==> flow/design.v <==
module addsub #(
   parameter W = 4
) (
   input  wire aclk,
   input  wire i_rst_n,
   input  wire [W-1:0] A,
   input  wire op,
   input  wire start,
   output wire [W-1:0] dout
);
   reg [W-1:0] A_reg;
   reg op_reg;
   reg start_reg;
   reg [W-1:0] cnt;
   always @(posedge aclk or negedge i_rst_n) begin
      if (~i_rst_n) begin
         A_reg <= 0;
         op_reg <= 1'b0;
         start_reg <= 1'b0;
         cnt <= 0;
      end else begin
         A_reg <= A;
         op_reg <= op;
         start_reg <= start;
         cnt <= start_reg ? A_reg : op_reg ? cnt - A_reg : cnt + A_reg;
      end
   end
   assign dout = cnt;
endmodule
[Reports on addsub]
The steps from the RTL of addsub to its reports follow in flow order.
Lines are those of the file above, counted from 1.
Not given: --
Design
  top module: addsub
  clock port: aclk
  library: sky130hd
  timing corner: tt_025C_1v80

[After elaboration]
Counts by Yosys on the flattened word-level netlist (proc, flatten, opt, wreduce; memories kept). Register bits leave out memories and registers merged into their read ports (data or address); mux counts leave out enables and synchronous resets folded into registers. Print and check cells are left out. Cells with the same type and inputs are merged into one.
Storage and ports
  output and inout bits: 4
  register bits: 10
  word-level cells: 8
  input port bits: 8
Operators by class
  add/sub/neg operators: 2
  mux-type cells: 2
Operators by type and width (count)
  2-to-1 mux 4 bit: 2
  adder 4 bit: 1
  subtractor 4 bit: 1

[Depth]
Yosys ltp: most cells in a row. Word level: on the elaborated netlist, between registers, memories and ports. Mapped: between sequential cells and ports; inverters and the memories' decode and read muxes count.
Logic depth
  word-level depth: 3
  ABC_AREA: 0
  mapped depth: 9
  gate-level depth less buffers: 9

[Mapped cells and area]
The flow's flattened synthesis, as Yosys stat reports it; memories are mapped. The netlist is that of the ABC_AREA named above (0 if unset); the other value can give another one.
Cell types
  sky130_fd_sc_hd__dfrtp_1: count 10, total area 250.24 µm²
  sky130_fd_sc_hd__ha_1: count 4, total area 50.048 µm²
  sky130_fd_sc_hd__fa_1: count 1, total area 20.019 µm²
  sky130_fd_sc_hd__inv_1: count 5, total area 18.768 µm²
  sky130_fd_sc_hd__xnor2_1: count 2, total area 17.517 µm²
  sky130_fd_sc_hd__nand2_1: count 4, total area 15.014 µm²
  sky130_fd_sc_hd__o21ai_0: count 3, total area 15.014 µm²
  sky130_fd_sc_hd__mux2_2: count 1, total area 11.261 µm²
  sky130_fd_sc_hd__a21oi_1: count 2, total area 10.01 µm²
  sky130_fd_sc_hd__mux2i_1: count 1, total area 10.01 µm²
  sky130_fd_sc_hd__or4b_1: count 1, total area 10.01 µm²
  sky130_fd_sc_hd__and3b_1: count 1, total area 8.758 µm²
  sky130_fd_sc_hd__xor2_1: count 1, total area 8.758 µm²
  sky130_fd_sc_hd__nand3b_1: count 1, total area 7.507 µm²
  sky130_fd_sc_hd__o211ai_1: count 1, total area 7.507 µm²
  sky130_fd_sc_hd__or2_2: count 1, total area 6.256 µm²
  sky130_fd_sc_hd__nor3_1: count 1, total area 5.005 µm²
  sky130_fd_sc_hd__nor2_1: count 1, total area 3.754 µm²
Synthesis totals
  standard cells after synthesis: 41
  flip-flop cells: 10
  sequential part of the area: 250.2 µm²
  chip area (Yosys): 475.5 µm²
  buffers: 0

[Worst setup path after synthesis]
Path of least setup slack by OpenSTA after synthesis, without wires, with an ideal clock, recovery checks aside; 20% of the period is set as input and as output delay. Where synthesis merged equal registers, the netlist keeps one of their names.
Timing path after synthesis
  path kind: flip-flop to flip-flop
  start point: register A_reg[0]
  end point: register cnt[3]
  period: 2.22 ns
  data required time: 2.097 ns
  library setup time: 0.123 ns
  stages: 10
  data arrival time: 1.651 ns
  slack: 0.447 ns
  delay of the path: 1.774 ns
  buffers on the path: 0
  time at the first pin: 0.000 ns
  period reached after synthesis: 1.773 ns
"delay of the path" = arrival - input delay + setup time.
"stages": output pins that drive a net of the path, with the launching flip-flop's if there is one; two outputs of one cell count as two.
"period reached after synthesis" = period - worst setup slack (recovery checks aside). The figure is calculated, with input and output delays left at 20% of the set period.
Between the ends stands the longest chain of elaborated cells between them, by number of cells; it is not shown to be the way that was timed. Of several equally long chains one is given.
A line is the first line of the expression or statement that the cell stems from. Yosys adds cells for indexed reads and writes and turns some case tables into memories.
On the way, after synthesis
  cells stage by stage: sky130_fd_sc_hd__dfrtp_1 > sky130_fd_sc_hd__inv_1 > sky130_fd_sc_hd__ha_1 > sky130_fd_sc_hd__mux2_2 > sky130_fd_sc_hd__inv_1 > sky130_fd_sc_hd__ha_1 > sky130_fd_sc_hd__nand3b_1 > sky130_fd_sc_hd__and3b_1 > sky130_fd_sc_hd__mux2i_1 > sky130_fd_sc_hd__xnor2_1
  cells in the longest elaborated chain: 3
  elaborated cells on any way between the ends: 4
  source lines of those cells: 1
  classes of those cells: add/sub (2); mux (2)
Ends and longest elaborated chain, after synthesis
  from (decl): RTL line 11  | reg [W-1:0] A_reg;
  from (assign): RTL line 17  | A_reg <= 0;
  from (assign): RTL line 22  | A_reg <= A;
  adder 4 bit: RTL line 25  | cnt <= start_reg ? A_reg : op_reg ? cnt - A_reg : cnt + A_reg;
  2-to-1 mux 4 bit (2 in a row): RTL line 25
  to (assign): RTL line 20  | cnt <= 0;
  to (assign): RTL line 25
  to (decl): RTL line 14  | reg [W-1:0] cnt;

[Timing after layout]
From the final timing report of record 1: the path of least setup slack in the routed layout; clock arrival at registers is part of the times.
Timing path post-layout
  path kind: flip-flop to flip-flop
  start point: register A_reg[1]
  end point: register cnt[3]
  library setup time: 0.11 ns
  period: 1.17 ns
  data required time: 1.31 ns
  buffers on the path: 0
  stages: 10
  slack: -0.61 ns
  data arrival time: 1.92 ns
  time at the first pin: 0.25 ns
Between the ends stands the longest chain of elaborated cells between them, by number of cells; it is not shown to be the way that was timed. Of several equally long chains one is given.
On the way, post-layout
  cells stage by stage: sky130_fd_sc_hd__dfrtp_1 > sky130_fd_sc_hd__inv_1 > sky130_fd_sc_hd__ha_1 > sky130_fd_sc_hd__mux2_4 > sky130_fd_sc_hd__inv_2 > sky130_fd_sc_hd__ha_4 > sky130_fd_sc_hd__nand3b_1 > sky130_fd_sc_hd__and3b_1 > sky130_fd_sc_hd__mux2i_1 > sky130_fd_sc_hd__xnor2_1
  cells in the longest elaborated chain: 3
  elaborated cells on any way between the ends: 4
  source lines of those cells: 1
  classes of those cells: add/sub (2); mux (2)
Ends and longest elaborated chain, post-layout
  from (decl): RTL line 11  | reg [W-1:0] A_reg;
  from (assign): RTL line 17  | A_reg <= 0;
  from (assign): RTL line 22  | A_reg <= A;
  adder 4 bit: RTL line 25  | cnt <= start_reg ? A_reg : op_reg ? cnt - A_reg : cnt + A_reg;
  2-to-1 mux 4 bit (2 in a row): RTL line 25
  to (assign): RTL line 20  | cnt <= 0;
  to (assign): RTL line 25
  to (decl): RTL line 14  | reg [W-1:0] cnt;

# Flow runs of addsub

3 stored runs of addsub in the flow (synthesis by Yosys, layout by OpenROAD, sky130hd cells), in arbitrary order. Constraints: input delay and output delay 20% of the set period each, output load 0.01 pF.
By "achieved clock period (ns)" is meant the clock period of the run minus its worst setup slack. This is arithmetic on one report: input and output delays are still those of the set period (20% each).
"worst setup path time (ns)" = time allowed to the worst setup path (clock period - input delay - output delay, where it has them) - its slack; a late launch clock adds to it, a late capture clock takes from it.
"finish__power__total": no workload was simulated; the value follows from the tool's default switching activity.

Flow files of record 1
==> flow/run.sh <==
#!/bin/bash
# the make line also repeats the synthesis and layout settings of config.mk as NAME=value (left out here)
make -C /OpenROAD-flow-scripts/flow DESIGN_CONFIG=/design/flow/config.mk WORK_HOME=/design/flow/orfs CLKGATE_MAP_FILE= finish
==> flow/config.mk <==
export PLATFORM = sky130hd
export DESIGN_NAME = addsub
export DESIGN_NICKNAME = addsub
export VERILOG_FILES = /design/flow/design.v
export SDC_FILE = /design/flow/constraint.sdc
export NUM_CORES = 4
export LEC_CHECK = 0
export CAP_MARGIN = 35
export CORE_MARGIN = 2
export CORE_UTILIZATION = 38
export PLACE_DENSITY_LB_ADDON = 0.28
export SETUP_SLACK_MARGIN = 0.01
export SLEW_MARGIN = 20
==> flow/constraint.sdc <==
create_clock -name core_clock -period 1.17 [get_ports {aclk}]
set_input_delay 0.2340 -clock core_clock [delete_from_list [all_inputs] [get_ports {aclk}]]
set_output_delay 0.2340 -clock core_clock [all_outputs]
set_load 0.01 [all_outputs]

report of record 1
yosys chip area after synthesis (um^2): 475.5
finish__design__die__area: 1550.0
finish__design__instance__area__stdcell: 711.9
finish__design__instance__utilization: 0.6239
finish__timing__setup__ws: -0.608
finish__timing__setup__tns: -1.600
finish__timing__hold__ws: 0.286
finish__power__total: 1.043e-03
achieved clock period (ns): 1.778
worst setup path time (ns): 1.78
worst setup path kind: flip-flop to flip-flop

Flow files of record 2
==> flow/run.sh <==
#!/bin/bash
# the make line also repeats the synthesis and layout settings of config.mk as NAME=value (left out here)
make -C /OpenROAD-flow-scripts/flow DESIGN_CONFIG=/design/flow/config.mk WORK_HOME=/design/flow/orfs CLKGATE_MAP_FILE= finish
==> flow/config.mk <==
export PLATFORM = sky130hd
export DESIGN_NAME = addsub
export DESIGN_NICKNAME = addsub
export VERILOG_FILES = /design/flow/design.v
export SDC_FILE = /design/flow/constraint.sdc
export NUM_CORES = 4
export LEC_CHECK = 0
export CAP_MARGIN = 40
export CORE_MARGIN = 2
export CORE_UTILIZATION = 25
export CTS_CLUSTER_DIAMETER = 218
export CTS_CLUSTER_SIZE = 18
export GPL_ROUTABILITY_DRIVEN = 1
export GPL_TIMING_DRIVEN = 1
export MAX_ROUTING_LAYER = met5
export PLACE_DENSITY_LB_ADDON = 0.01
export SLEW_MARGIN = 25
==> flow/constraint.sdc <==
create_clock -name core_clock -period 2.1 [get_ports {aclk}]
set_input_delay 0.4200 -clock core_clock [delete_from_list [all_inputs] [get_ports {aclk}]]
set_output_delay 0.4200 -clock core_clock [all_outputs]
set_load 0.01 [all_outputs]

report of record 2
yosys chip area after synthesis (um^2): 475.5
finish__design__die__area: 2266.7
finish__design__instance__area__stdcell: 660.6
finish__design__instance__utilization: 0.3745
finish__timing__setup__ws: 0.190
finish__timing__setup__tns: 0.000
finish__timing__hold__ws: 0.453
finish__power__total: 5.796e-04
achieved clock period (ns): 1.910
worst setup path time (ns): 1.91
worst setup path kind: flip-flop to flip-flop

Flow files of record 3
==> flow/run.sh <==
#!/bin/bash
# the make line also repeats the synthesis and layout settings of config.mk as NAME=value (left out here)
make -C /OpenROAD-flow-scripts/flow DESIGN_CONFIG=/design/flow/config.mk WORK_HOME=/design/flow/orfs CLKGATE_MAP_FILE= finish
==> flow/config.mk <==
export PLATFORM = sky130hd
export DESIGN_NAME = addsub
export DESIGN_NICKNAME = addsub
export VERILOG_FILES = /design/flow/design.v
export SDC_FILE = /design/flow/constraint.sdc
export NUM_CORES = 4
export LEC_CHECK = 0
export CAP_MARGIN = 20
export CORE_MARGIN = 2
export CORE_UTILIZATION = 40
export SLEW_MARGIN = 20
==> flow/constraint.sdc <==
create_clock -name core_clock -period 2.22 [get_ports {aclk}]
set_input_delay 0.4440 -clock core_clock [delete_from_list [all_inputs] [get_ports {aclk}]]
set_output_delay 0.4440 -clock core_clock [all_outputs]
set_load 0.01 [all_outputs]

report of record 3
yosys chip area after synthesis (um^2): 475.5
finish__design__die__area: 1480.3
finish__design__instance__area__stdcell: 639.4
finish__design__instance__utilization: 0.5755
finish__timing__setup__ws: 0.326
finish__timing__setup__tns: 0.000
finish__timing__hold__ws: 0.456
finish__power__total: 5.449e-04
achieved clock period (ns): 1.894
worst setup path time (ns): 1.89
worst setup path kind: flip-flop to flip-flop
